==> flow/design.v <==
module dp_barrel_mod #(
   parameter W = 16,
   parameter LOGN = $clog2(W)
) (
   input wire core_clk,
   input wire resetn,
   input wire step,
   input wire [W-1:0] i_din,
   input wire [LOGN-1:0] i_n,
   input wire [1:0] i_kind,
   output reg [W-1:0] o_out
);
   reg [W-1:0] tmp;
   always @(*) begin
      case (i_kind)
         2'b00: tmp = i_din << i_n;
         2'b01: tmp = i_din >> i_n;
         2'b10: tmp = $signed(i_din) >>> i_n;
         default: tmp = i_din;
      endcase
   end
   always @(posedge core_clk) begin
      if (~resetn) begin
         o_out <= 0;
      end else if (step) begin
         o_out <= tmp;
      end
   end
endmodule
======== Reports on dp_barrel_mod ========
The steps from the RTL of dp_barrel_mod to its reports follow in flow order.
Lines are those of the file above, counted from 1.
Library cell names are shortened.
The mark - stands for no value.
inputs
  top module .............................. dp_barrel_mod
  clock port .............................. core_clk
  library ................................. sky130hd
  corner .................................. tt_025C_1v80

======== Word level ========
Counts by Yosys on the flattened word-level netlist (proc, flatten, opt, wreduce; memories kept). Register bits leave out memories and registers merged into their read ports (data or address); mux counts leave out enables and synchronous resets folded into registers. Print and check cells are left out. Cells with the same type and inputs are merged into one.
bit counts
  register bits after elaboration ......... 16
  cells after elaboration ................. 8
cells by class
  eq/ne operators ......................... 2
  reductions and logical operators ........ 1
  mux-type cells .......................... 1
  shift operators ......................... 3
operators by type and width
  kind                                                      count
  16-bit case mux with 3-bit select                         1
  16-bit by 4-bit left shift with 16-bit output             1
  16-bit by 4-bit right shift with 16-bit output            1
  16-bit by 4-bit >>> shifter with 16-bit output            1
  2-bit by 1-bit == test with 1-bit output with constant B  1
  2-bit == test with constant B                             1
  2-bit zero test                                           1

======== Depth ========
Longest topological path by Yosys (ltp), each cell counted once; first at word level (registers and memories cut), then after technology mapping (sequential cells cut; the memories' decode and read muxes count).
depth
  word-level depth ........................ 2
  ABC_AREA ................................ 0
  depth in mapped cells ................... 9
  depth with buffers taken out ............ 5

======== Mapped cells and area ========
Yosys stat after the flow's synthesis: flattened, memories mapped to cells. It holds for the ABC_AREA given above (unset counts as 0); a run with the other value may have another netlist.
Totals and module areas in this step are rounded.
cell types
  cell      count
  mux4_2    25
  dfxtp_1   16
  mux2i_1   23
  nand2_1   33
  o21ai_0   21
  nor2_1    26
  a21oi_1   16
  a211oi_1  10
  clkbuf_1  17
  buf_2     12
  mux4_1    2
  mux2_2    4
  o211ai_1  6
  a31oi_1   7
  buf_12    2
  nor3_1    7
  inv_1     9
  nand2b_1  5
Not listed: further types 40, cells in them 69.
mapped netlist
  buffers ................................. 37
  sequential area ......................... 320.3 sq um
  standard cells after synthesis .......... 310
  cell area after synthesis ............... 2,601 sq um
  flip-flops .............................. 16

======== Path before layout ========
OpenSTA on the mapped netlist: ideal clock, no wires. The path of least setup slack (recovery checks aside). Input and output delay are each 20% of the period. Register names are those of the netlist, which keeps one name where synthesis merged equal registers.
timing post-synthesis
  path kind ............................... input to register
  start ................................... input port i_n[0]
  end ..................................... register o_out[5]
  period .................................. 2,330 ps
  slack ................................... 373 ps
  path delay .............................. 1,491 ps
  external input delay .................... 466 ps
  data required time ...................... 2,213 ps
  arrival time ............................ 1,840 ps
  path buffers ............................ 1
  stages .................................. 6
  time at the first pin ................... 466 ps
  period reached after synthesis .......... 1,957 ps
"path delay" = arrival - input delay + setup time.
"stages" counts driving pins, that of a launching flip-flop among them; a cell with two outputs on the path counts twice.
"period reached after synthesis" is the clock period less the worst setup slack; recovery checks do not enter. This is arithmetic on one report: input and output delays are still those of the set period (20% each).
Between the ends stands the longest chain of elaborated cells between them, by number of cells; it is not shown to be the way that was timed. Of several equally long chains one is given.
A line is the first line of the expression or statement that the cell stems from. Yosys adds cells for indexed reads and writes and turns some case tables into memories.
on the way, post-synthesis
  cells stage by stage .................... buf_6 mux4_2 a22o_1 a221oi_2 a31oi_1 a22o_1
  cells in the longest elaborated chain ... 2
ends and longest elaborated chain, post-synthesis
  element                                         RTL line  RTL
  start: declaration                              9         input wire [LOGN-1:0] i_n,
  16-bit by 4-bit >>> shifter with 16-bit output  18        2'b10: tmp = $signed(i_din) >>> i_n;
  16-bit case mux with 3-bit select               15        case (i_kind)
  end: assignment                                 24        o_out <= 0;
  end: assignment                                 26        o_out <= tmp;
  end: declaration                                11        output reg [W-1:0] o_out

======== Timing after layout ========
Path of least setup slack in the final report of entry A (OpenROAD, finished layout, wires in). Where an end is a register, its clock arrival counts in the times.
The report prints the path's times to 10 ps; the period is as set.
timing after layout
  path kind ............................... input to register
  start ................................... input port i_n[1]
  end ..................................... register o_out[11]
  slack ................................... 110 ps
  period .................................. 2,330 ps
  data required time ...................... 2,530 ps
  path buffers ............................ 2
  external input delay .................... 470 ps
  arrival time ............................ 2,420 ps
  stages .................................. 7
  time at the first pin ................... 470 ps
Between the ends stands the longest chain of elaborated cells between them, by number of cells; it is not shown to be the way that was timed. Of several equally long chains one is given.
on the way, after layout
  cells stage by stage .................... clkdlybuf4s50_1 buf_4 or2_2 o221ai_2 nor2_1 a2111oi_1 a221o_1
  cells in the longest elaborated chain ... 2
ends and longest elaborated chain, after layout
  element                                         RTL line  RTL
  start: declaration                              9         input wire [LOGN-1:0] i_n,
  16-bit by 4-bit >>> shifter with 16-bit output  18        2'b10: tmp = $signed(i_din) >>> i_n;
  16-bit case mux with 3-bit select               15        case (i_kind)
  end: assignment                                 24        o_out <= 0;
  end: assignment                                 26        o_out <= tmp;
  end: declaration                                11        output reg [W-1:0] o_out

Lab notebook: dp_barrel_mod

3 stored runs of dp_barrel_mod in the flow (synthesis by Yosys, layout by OpenROAD, sky130hd cells), in arbitrary order. Constraints: input delay and output delay 20% of the set period each, output load 0.01 pF.
By "clock period reached" is meant the clock period of the run minus its worst setup slack. This is arithmetic on one report: input and output delays are still those of the set period (20% each).
"time of the worst setup path" means the part of the period allowed to the worst setup path (the constraints hold back 20% at inputs and 20% at outputs) less its slack; where the path has registers, the arrival times of their clocks count too.
"total design power": no workload was simulated; the value follows from the tool's default switching activity.
"time of the worst setup path" is given in steps of 10 ps.
Measured values are rounded.

---- entry A ----
settings
  period_ns = 2.33
  CAP_MARGIN = 20
  CORE_MARGIN = 2
  CORE_UTILIZATION = 40
  SLEW_MARGIN = 20
results
  netlist area reported by Yosys .......... 2,601 sq um
  die outline area ........................ 7,164 sq um
  standard-cell area of the final layout .. 3,600 sq um
  utilization in the final report ......... 57.0%
  worst setup slack after layout .......... 114 ps
  setup total negative slack .............. 0 ps
  smallest hold slack ..................... 452 ps
  total design power ...................... 1,260 uW
  clock period reached .................... 2,216 ps
  time of the worst setup path ............ 1,750 ps
  worst setup path kind ................... input to register

---- entry B ----
settings
  period_ns = 1.22
  CORE_UTILIZATION = 16
  SETUP_SLACK_MARGIN = 0.29
  PLACE_DENSITY_LB_ADDON = 0.14
  CORE_MARGIN = 6
  CELL_PAD_IN_SITES_GLOBAL_PLACEMENT = 2
  CELL_PAD_IN_SITES_DETAIL_PLACEMENT = 2
  SLEW_MARGIN = 30
  CAP_MARGIN = 20
results
  netlist area reported by Yosys .......... 2,601 sq um
  die outline area ........................ 19,460 sq um
  standard-cell area of the final layout .. 4,975 sq um
  utilization in the final report ......... 31.3%
  worst setup slack after layout .......... -475 ps
  setup total negative slack .............. -5,698 ps
  smallest hold slack ..................... 443 ps
  total design power ...................... 3,206 uW
  clock period reached .................... 1,695 ps
  time of the worst setup path ............ 1,450 ps
  worst setup path kind ................... input to register

---- entry C ----
settings
  period_ns = 1.45
  CORE_UTILIZATION = 52
  PLACE_DENSITY_LB_ADDON = 0.1
  CORE_ASPECT_RATIO = 0.62
  CELL_PAD_IN_SITES_GLOBAL_PLACEMENT = 3
  CELL_PAD_IN_SITES_DETAIL_PLACEMENT = 1
  TNS_END_PERCENT = 90
  GPL_TIMING_DRIVEN = 0
  GPL_ROUTABILITY_DRIVEN = 1
  CTS_CLUSTER_SIZE = 40
  CTS_CLUSTER_DIAMETER = 274
  SLEW_MARGIN = 10
  CAP_MARGIN = 20
  CORE_MARGIN = 2
results
  no results, placement failed with FLW-0024
